==> flow/design.v <==
module gen_shift_unit_rtl #(
   parameter int W = 128,
   parameter int SBITS = $clog2(W)
) (
   input  logic ck,
   input  logic rst,
   input  logic [W-1:0] in,
   input  logic [SBITS-1:0] count,
   output logic [W-1:0] z_o
);
   logic [W-1:0] in_s;
   logic [SBITS-1:0] count_s;
   always_ff @(posedge ck or posedge rst) begin
      if (rst) begin
         in_s <= 0;
         count_s <= 0;
      end else begin
         in_s <= in;
         count_s <= count;
      end
   end
   assign z_o = in_s >> count_s;
endmodule
==> Tool chain data of gen_shift_unit_rtl <==
The steps from the RTL of gen_shift_unit_rtl to its reports follow in flow order.
Line numbers count from 1 in the design file above.
Operators carry their Yosys type and port widths (W data, S select, Z words).
{ "design": {"top_module": "gen_shift_unit_rtl", "clock_port": "ck", "lib": "sky130hd", "pvt_corner": "tt_025C_1v80"} }

==> After elaboration <==
Yosys after proc, flatten, opt, wreduce and memory -nomap, before mapping. Enables and synchronous resets that opt folds into registers are not counted as muxes. Memory bits, and registers merged into a memory's read port (data or address), are not among the register bits. Print and check cells are not counted. Equal cells are merged and count once.
{ "bits": {"reg_bits": 135, "inputBits": 137, "out_inout_bits": 128, "elab_cells": 3} }
{ "classes": {"shifts": 1} }
{ "ops": {"columns": ["cell", "count"], "rows": [
  ["$shr A128 B7 Y128", 1]
]} }

==> Depth <==
Depth = most cells in a row (Yosys ltp): at word level without a register or memory, in the mapped netlist without a sequential cell, where the memories' decode and read muxes count.
{ "logic_depth": {"word_depth": 1, "abc_area": 0, "depth_mapped": 12, "ltp_nobuf": 6} }

==> Netlist <==
Source: synth_stat.txt of the flow (Yosys; design flattened, memories mapped). It holds for the ABC_AREA given above (unset counts as 0); a run with the other value may have another netlist.
{ "types": {"columns": ["cell_type", "count", "area_total_um2"], "rows": [
  ["sky130_fd_sc_hd__mux4_2", 195, 4.39E+03],
  ["sky130_fd_sc_hd__dfrtp_1", 135, 3378.24],
  ["sky130_fd_sc_hd__mux2i_1", 133, 1.33E+03],
  ["sky130_fd_sc_hd__mux2_2", 101, 1.14E+03],
  ["sky130_fd_sc_hd__nand2_1", 150, 563.04],
  ["sky130_fd_sc_hd__nor2_1", 149, 559.286],
  ["sky130_fd_sc_hd__o22ai_1", 57, 356.592],
  ["sky130_fd_sc_hd__a211oi_1", 33, 247.738],
  ["sky130_fd_sc_hd__a21oi_1", 39, 195.187],
  ["sky130_fd_sc_hd__buf_6", 17, 191.434],
  ["sky130_fd_sc_hd__clkbuf_1", 50, 187.68],
  ["sky130_fd_sc_hd__buf_2", 37, 185.178],
  ["sky130_fd_sc_hd__o21ai_0", 33, 165.158],
  ["sky130_fd_sc_hd__o211ai_1", 20, 150.144],
  ["sky130_fd_sc_hd__o221ai_1", 16, 140.134],
  ["sky130_fd_sc_hd__nor3_1", 25, 125.12],
  ["sky130_fd_sc_hd__o22a_1", 13, 113.859],
  ["sky130_fd_sc_hd__buf_4", 14, 105.101]
]} }
Not listed: further types 50, cells in them 231.
{ "mapped": {"cells": 1448, "synth_area_um2": 15189.6, "flip_flops": 135} }

==> Path before layout <==
Path of least setup slack by OpenSTA after synthesis, without wires, with an ideal clock, recovery checks aside; 20% of the period is set as input and as output delay. Where synthesis merged equal registers, the netlist keeps one of their names.
{ "synth_timing": {"path_type": "reg2out", "from": "register count_s[2]", "to": "output z_o[10]", "clock_period_ns": 3.74, "output_delay_ns": 0.748, "t_first_pin_ns": 0.000, "t_arrival_ns": 2.391, "path_slack_ns": 0.601, "delay_ns": 2.391, "stages": 10, "synth_period_reached_ns": 3.139} }
"delay_ns" = arrival - input delay + setup time.
A path that ends at an output port has no setup time.
"stages" counts driving pins, that of a launching flip-flop among them; a cell with two outputs on the path counts twice.
"synth_period_reached_ns" = period - worst setup slack (recovery checks aside). The figure is calculated, with input and output delays left at 20% of the set period.
The rows between start and end are the longest chain of elaborated cells between them; the timing report does not say that the signal goes this way. Where chains are equally long, one stands for them.
A line is the first line of the expression or statement that the cell stems from. Yosys adds cells for indexed reads and writes and turns some case tables into memories.
{ "synth_between": {"path_cell_list": "sky130_fd_sc_hd__dfrtp_1 sky130_fd_sc_hd__buf_6 sky130_fd_sc_hd__buf_6 sky130_fd_sc_hd__buf_6 sky130_fd_sc_hd__buf_2 sky130_fd_sc_hd__mux4_2 sky130_fd_sc_hd__mux2i_1 sky130_fd_sc_hd__nor3_1 sky130_fd_sc_hd__a311o_1 sky130_fd_sc_hd__or4_1", "elab_chain_len": 1} }
{ "synth_lines": {"columns": ["item", "line_no", "rtl"], "rows": [
  ["from (decl)", 12, "logic [SBITS-1:0] count_s;"],
  ["from (assign)", 16, "count_s <= 0;"],
  ["from (assign)", 19, "count_s <= count;"],
  ["$shr A128 B7 Y128", 22, "assign z_o = in_s >> count_s;"],
  ["to (decl)", 9, "output logic [W-1:0] z_o"]
]} }

==> Worst path after layout <==
From the final timing report of record 2: the path of least setup slack in the routed layout; clock arrival at registers is part of the times.
{ "layout_timing": {"path_type": "reg2out", "from": "register count_s[2]", "to": "output z_o[11]", "clock_period_ns": 3.74, "output_delay_ns": 0.75, "t_first_pin_ns": 0.46, "t_arrival_ns": 3.56, "path_slack_ns": -0.57, "stages": 10} }
The rows between start and end are the longest chain of elaborated cells between them; the timing report does not say that the signal goes this way. Where chains are equally long, one stands for them.
{ "layout_between": {"path_cell_list": "sky130_fd_sc_hd__dfrtp_4 sky130_fd_sc_hd__buf_12 sky130_fd_sc_hd__buf_8 sky130_fd_sc_hd__mux2_2 sky130_fd_sc_hd__o22ai_1 sky130_fd_sc_hd__o31ai_1 sky130_fd_sc_hd__a211o_4 sky130_fd_sc_hd__a221oi_4 sky130_fd_sc_hd__o21ai_1 sky130_fd_sc_hd__buf_2", "elab_chain_len": 1} }
{ "layout_lines": {"columns": ["item", "line_no", "rtl"], "rows": [
  ["from (decl)", 12, "logic [SBITS-1:0] count_s;"],
  ["from (assign)", 16, "count_s <= 0;"],
  ["from (assign)", 19, "count_s <= count;"],
  ["$shr A128 B7 Y128", 22, "assign z_o = in_s >> count_s;"],
  ["to (decl)", 9, "output logic [W-1:0] z_o"]
]} }

Subject: gen_shift_unit_rtl on sky130hd, stored results

Hello all,

Below are 2 stored runs of the flow (Yosys, OpenROAD; platform sky130hd) on gen_shift_unit_rtl, each with its settings and what was measured, unordered. Constraints: input delay and output delay 20% of the set period each, output load 0.01 pF.
By "timing.achieved_period_ns" is meant the clock period of the run minus its worst setup slack. This is arithmetic on one report: input and output delays are still those of the set period (20% each).
By "worst_path_ns" is meant the share of the clock period that the worst setup path is allowed (20% is reserved at inputs, 20% at outputs), minus its slack. Clock arrival times at its registers enter into it.
By "total_power_mw" is meant OpenSTA's value without simulated activity: inputs other than the clock are taken to toggle once in ten clock periods, and the tool carries that through the logic.
[
  {
    "run": "record 1",
    "settings": { "period_ns": 4.6, "CORE_UTILIZATION": 62, "SETUP_SLACK_MARGIN": 0.32, "PLACE_DENSITY_LB_ADDON": 0.19, "CORE_ASPECT_RATIO": 1.95, "CORE_MARGIN": 10, "CELL_PAD_IN_SITES_GLOBAL_PLACEMENT": 2, "CELL_PAD_IN_SITES_DETAIL_PLACEMENT": 1, "TNS_END_PERCENT": 65, "GPL_TIMING_DRIVEN": 0, "CTS_CLUSTER_SIZE": 79, "CAP_MARGIN": 15, "MIN_ROUTING_LAYER": "met2", "MAX_ROUTING_LAYER": "met5", "SLEW_MARGIN": 20 },
    "outcome": "did not finish, placement stopped with FLW-0024"
  },
  {
    "run": "record 2",
    "settings": { "period_ns": 3.74, "CAP_MARGIN": 20, "CORE_MARGIN": 2, "CORE_UTILIZATION": 40, "SLEW_MARGIN": 20 },
    "results": { "total_die_area_um2": 39549.3, "total_power_mw": 8.553, "worst_path_ns": 3.56, "worstPathKind": "reg2out", "fin_util_pct": 71.1, "ws_setup_ns": -0.570, "hold_ws_ns": 0.716, "finalCellArea_um2": 26660.6, "final_setup_tns_ns": -25.497, "synthesis_area_um2": 15189.6, "timing.achieved_period_ns": 4.310 }
  }
]

Thanks
